==> flow/design.v <==
module alu_cmp #(
    parameter NBITS = 56
) (
    input aclk,
    input en,
    input signed [NBITS-1:0] op_a,
    input signed [NBITS-1:0] op_b,
    output below,
    output a_eq_b,
    output a_gt_b
);
    reg signed [NBITS-1:0] op_a_ff;
    reg signed [NBITS-1:0] op_b_ff;
    always @(posedge aclk) begin
        if (en) begin
            op_a_ff <= op_a;
            op_b_ff <= op_b;
        end
    end
    assign below = (op_a_ff < op_b_ff);
    assign a_eq_b = (op_a_ff == op_b_ff);
    assign a_gt_b = (op_a_ff > op_b_ff);
endmodule
# Step by step through the tools: alu_cmp
# The steps from the RTL of alu_cmp to its reports follow in flow order.
# Line numbers count from 1 in the design file above.
# Not given: n/a
# inputs
top_module	alu_cmp
clock_port	aclk
lib	sky130hd
pvt_corner	tt_025C_1v80

# Elaborated design
# Source: Yosys, flattened and elaborated, memories not mapped. Widths are those after wreduce; folded enables and synchronous resets count as part of the registers. Registers that Yosys merges into a memory's read port (data or address) are not register bits. Print and check cells do not count. Equal cells are merged and count once.
# word_totals
ff_bits	112
latch_bits	0
mem_bits_rw	0
rom_bits	0
clocked_rd_ports_x_width	0
n_memories	0
in_bits	114
output_inout_bits	3
word_cells	5
# op_classes
addsub	0
multipliers	0
n_div	0
cmp	2
n_eq	1
shifts	0
muxes	0
n_logic	0
n_reduce_logical	0
# ops
operator	n
> comparator 56 bit	1
less-than comparator 56 bit	1
== test 56 bit	1

# Logic depth
# Depth = most cells in a row (Yosys ltp): at word level without a register or memory, in the mapped netlist without a sequential cell, where the memories' decode and read muxes count.
# depth
word_depth	1
abc_area	0
depth_mapped	9
mapped_depth_nobuf	9

# After synthesis
# Yosys stat after the flow's synthesis: flattened, memories mapped to cells. It holds for the ABC_AREA given above (unset counts as 0); a run with the other value may have another netlist.
# types
cell_type	n	type_area_um2
sky130_fd_sc_hd__edfxtp_1	112	3.36E+03
sky130_fd_sc_hd__ha_1	56	700.672
sky130_fd_sc_hd__inv_1	56	210.202
sky130_fd_sc_hd__a21oi_1	25	125.12
sky130_fd_sc_hd__nand4_1	14	87.584
sky130_fd_sc_hd__nand2_1	12	45.043
sky130_fd_sc_hd__nand3_1	6	30.029
sky130_fd_sc_hd__o21ai_1	4	20.019
sky130_fd_sc_hd__a2111oi_2	1	15.014
sky130_fd_sc_hd__a21o_1	2	15.014
sky130_fd_sc_hd__o21ai_0	3	15.014
sky130_fd_sc_hd__a211oi_2	1	12.512
sky130_fd_sc_hd__nor4_1	2	12.512
sky130_fd_sc_hd__o31ai_2	1	12.512
sky130_fd_sc_hd__nor2_1	3	11.261
sky130_fd_sc_hd__nor3_1	2	10.01
sky130_fd_sc_hd__nor3_2	1	10.01
sky130_fd_sc_hd__a211o_1	1	8.758
# Not listed: further types 13, cells in them 13.
# mapped
cell_count	315
mapped_area_um2	4805.9
seq_area_um2	3363.2
ff_cells	112
buf_cells	0

# Timing after synthesis
# OpenSTA on the mapped netlist: ideal clock, no wires. The path of least setup slack (recovery checks aside). Input and output delay are each 20% of the period. Register names are those of the netlist, which keeps one name where synthesis merged equal registers.
# synth_path
path_type	reg2out
start	reg op_a_ff[15]
end	out a_gt_b
tclk_ns	3.34
out_delay_ns	0.668
launch_ns	0.000
t_arrival_ns	2.138
t_required_ns	2.672
slack_ns	0.534
delay_ns	2.138
stages	9
path_buffers	0
period_less_setup_slack_ns	2.806
# "delay_ns" is the arrival time less input delay plus setup time.
# At an output port there is no setup time.
# "stages" counts driving pins, that of a launching flip-flop among them; a cell with two outputs on the path counts twice.
# "period_less_setup_slack_ns" is the clock period less the worst setup slack; recovery checks do not enter. This is arithmetic on one report: input and output delays are still those of the set period (20% each).
# The rows between start and end are the longest chain of elaborated cells between them; the timing report does not say that the signal goes this way. Where chains are equally long, one stands for them.
# A line is the first line of the expression or statement that the cell stems from. Yosys adds cells for indexed reads and writes and turns some case tables into memories.
# synth_between
path_cell_list	sky130_fd_sc_hd__edfxtp_1 -> sky130_fd_sc_hd__ha_1 -> sky130_fd_sc_hd__a21oi_2 -> sky130_fd_sc_hd__o21ai_1 -> sky130_fd_sc_hd__a211o_1 -> sky130_fd_sc_hd__a211oi_2 -> sky130_fd_sc_hd__a2bb2oi_1 -> sky130_fd_sc_hd__or4_1 -> sky130_fd_sc_hd__a21oi_1
elab_chain_cells	1
cells_between	1
cone_lines	1
classes_between	1 x compare
# synth_lines
item	line_no	rtl
start, declared	12	reg signed [NBITS-1:0] op_a_ff;
start, assigned	16	op_a_ff <= op_a;
> comparator 56 bit	22	assign a_gt_b = (op_a_ff > op_b_ff);
end, declared	10	output a_gt_b

# Timing after layout
# Path of least setup slack in the final report of run 1 (OpenROAD, finished layout, wires in). Where an end is a register, its clock arrival counts in the times.
# layout_path
path_type	reg2out
start	reg op_b_ff[55]
end	out below
tclk_ns	4.29
out_delay_ns	0.86
launch_ns	0.35
t_arrival_ns	3.19
t_required_ns	3.43
slack_ns	0.24
stages	11
path_buffers	1
# The rows between start and end are the longest chain of elaborated cells between them; the timing report does not say that the signal goes this way. Where chains are equally long, one stands for them.
# layout_between
path_cell_list	sky130_fd_sc_hd__edfxtp_1 -> sky130_fd_sc_hd__inv_1 -> sky130_fd_sc_hd__ha_2 -> sky130_fd_sc_hd__a21oi_1 -> sky130_fd_sc_hd__o21ai_1 -> sky130_fd_sc_hd__a211o_1 -> sky130_fd_sc_hd__a211oi_2 -> sky130_fd_sc_hd__a2bb2oi_1 -> sky130_fd_sc_hd__or4_1 -> sky130_fd_sc_hd__and2_1 -> sky130_fd_sc_hd__clkdlybuf4s50_1
elab_chain_cells	1
cells_between	1
cone_lines	1
classes_between	1 x compare
# layout_lines
item	line_no	rtl
start, declared	13	reg signed [NBITS-1:0] op_b_ff;
start, assigned	17	op_b_ff <= op_b;
less-than comparator 56 bit	20	assign below = (op_a_ff < op_b_ff);
end, declared	8	output below,

Subject: alu_cmp on sky130hd, stored results

Hello all,

alu_cmp through Yosys and OpenROAD on sky130hd: 3 stored runs, unordered, with their settings and measured results. The constraints put input and output delay at 20% of the set period each and load the outputs with 0.01 pF.
"achievedPeriod_ns" means the clock period less the worst setup slack. The figure is calculated, with input and output delays left at 20% of the set period.
By "worst_path_ns" is meant the share of the clock period that the worst setup path is allowed (20% is reserved at inputs, 20% at outputs), minus its slack. Clock arrival times at its registers enter into it.

Run 1, flow files:
==> flow/run.sh <==
#!/bin/bash
# the make line also repeats the synthesis and layout settings of config.mk as NAME=value (left out here)
make -C /OpenROAD-flow-scripts/flow DESIGN_CONFIG=/design/flow/config.mk WORK_HOME=/design/flow/orfs CLKGATE_MAP_FILE= finish
==> flow/config.mk <==
export PLATFORM = sky130hd
export DESIGN_NAME = alu_cmp
export DESIGN_NICKNAME = alu_cmp
export VERILOG_FILES = /design/flow/design.v
export SDC_FILE = /design/flow/constraint.sdc
export NUM_CORES = 4
export LEC_CHECK = 0
export CAP_MARGIN = 15
export CELL_PAD_IN_SITES_DETAIL_PLACEMENT = 1
export CELL_PAD_IN_SITES_GLOBAL_PLACEMENT = 0
export CORE_ASPECT_RATIO = 0.88
export CORE_MARGIN = 2
export CORE_UTILIZATION = 32
export CTS_CLUSTER_DIAMETER = 29
export GPL_ROUTABILITY_DRIVEN = 1
export GPL_TIMING_DRIVEN = 0
export PLACE_DENSITY = 0.55
export SETUP_SLACK_MARGIN = 0.05
export SLEW_MARGIN = 20
==> flow/constraint.sdc <==
create_clock -name core_clock -period 4.29 [get_ports {aclk}]
set_input_delay 0.8580 -clock core_clock [delete_from_list [all_inputs] [get_ports {aclk}]]
set_output_delay 0.8580 -clock core_clock [all_outputs]
set_load 0.01 [all_outputs]

==> results of run 1, as CSV <==
result,value
ys_area_um2,4805.9
tns_setup_ns,0.000
ws_setup_ns,0.243
fin_hold_ws_ns,0.945
die_footprint_um2,16016.2
layout_utilization_frac,0.442
worst_path_ns,3.19
worstPathKind,"reg2out"
final_cell_area_um2,6578.8
achievedPeriod_ns,4.047

Run 2, flow files:
==> flow/run.sh <==
#!/bin/bash
# the make line also repeats the synthesis and layout settings of config.mk as NAME=value (left out here)
make -C /OpenROAD-flow-scripts/flow DESIGN_CONFIG=/design/flow/config.mk WORK_HOME=/design/flow/orfs CLKGATE_MAP_FILE= finish
==> flow/config.mk <==
export PLATFORM = sky130hd
export DESIGN_NAME = alu_cmp
export DESIGN_NICKNAME = alu_cmp
export VERILOG_FILES = /design/flow/design.v
export SDC_FILE = /design/flow/constraint.sdc
export NUM_CORES = 4
export LEC_CHECK = 0
export CAP_MARGIN = 5
export CELL_PAD_IN_SITES_DETAIL_PLACEMENT = 1
export CORE_MARGIN = 2
export CORE_UTILIZATION = 56
export CTS_CLUSTER_SIZE = 61
export GPL_ROUTABILITY_DRIVEN = 1
export MAX_ROUTING_LAYER = met5
export MIN_ROUTING_LAYER = met2
export PLACE_DENSITY = 0.54
export SLEW_MARGIN = 20
==> flow/constraint.sdc <==
create_clock -name core_clock -period 2.77 [get_ports {aclk}]
set_input_delay 0.5540 -clock core_clock [delete_from_list [all_inputs] [get_ports {aclk}]]
set_output_delay 0.5540 -clock core_clock [all_outputs]
set_load 0.01 [all_outputs]

Run 2: unfinished; error DPL-0033 in clock tree synthesis

Run 3, flow files:
==> flow/run.sh <==
#!/bin/bash
# the make line also repeats the synthesis and layout settings of config.mk as NAME=value (left out here)
make -C /OpenROAD-flow-scripts/flow DESIGN_CONFIG=/design/flow/config.mk WORK_HOME=/design/flow/orfs CLKGATE_MAP_FILE= finish
==> flow/config.mk <==
export PLATFORM = sky130hd
export DESIGN_NAME = alu_cmp
export DESIGN_NICKNAME = alu_cmp
export VERILOG_FILES = /design/flow/design.v
export SDC_FILE = /design/flow/constraint.sdc
export NUM_CORES = 4
export LEC_CHECK = 0
export CAP_MARGIN = 20
export CORE_MARGIN = 2
export CORE_UTILIZATION = 40
export SLEW_MARGIN = 20
==> flow/constraint.sdc <==
create_clock -name core_clock -period 3.34 [get_ports {aclk}]
set_input_delay 0.6680 -clock core_clock [delete_from_list [all_inputs] [get_ports {aclk}]]
set_output_delay 0.6680 -clock core_clock [all_outputs]
set_load 0.01 [all_outputs]

==> results of run 3, as CSV <==
result,value
ys_area_um2,4805.9
tns_setup_ns,0.000
ws_setup_ns,0.021
fin_hold_ws_ns,0.799
die_footprint_um2,12907.2
layout_utilization_frac,0.571
worst_path_ns,2.65
worstPathKind,"reg2out"
final_cell_area_um2,6769.0
achievedPeriod_ns,3.319

Thanks
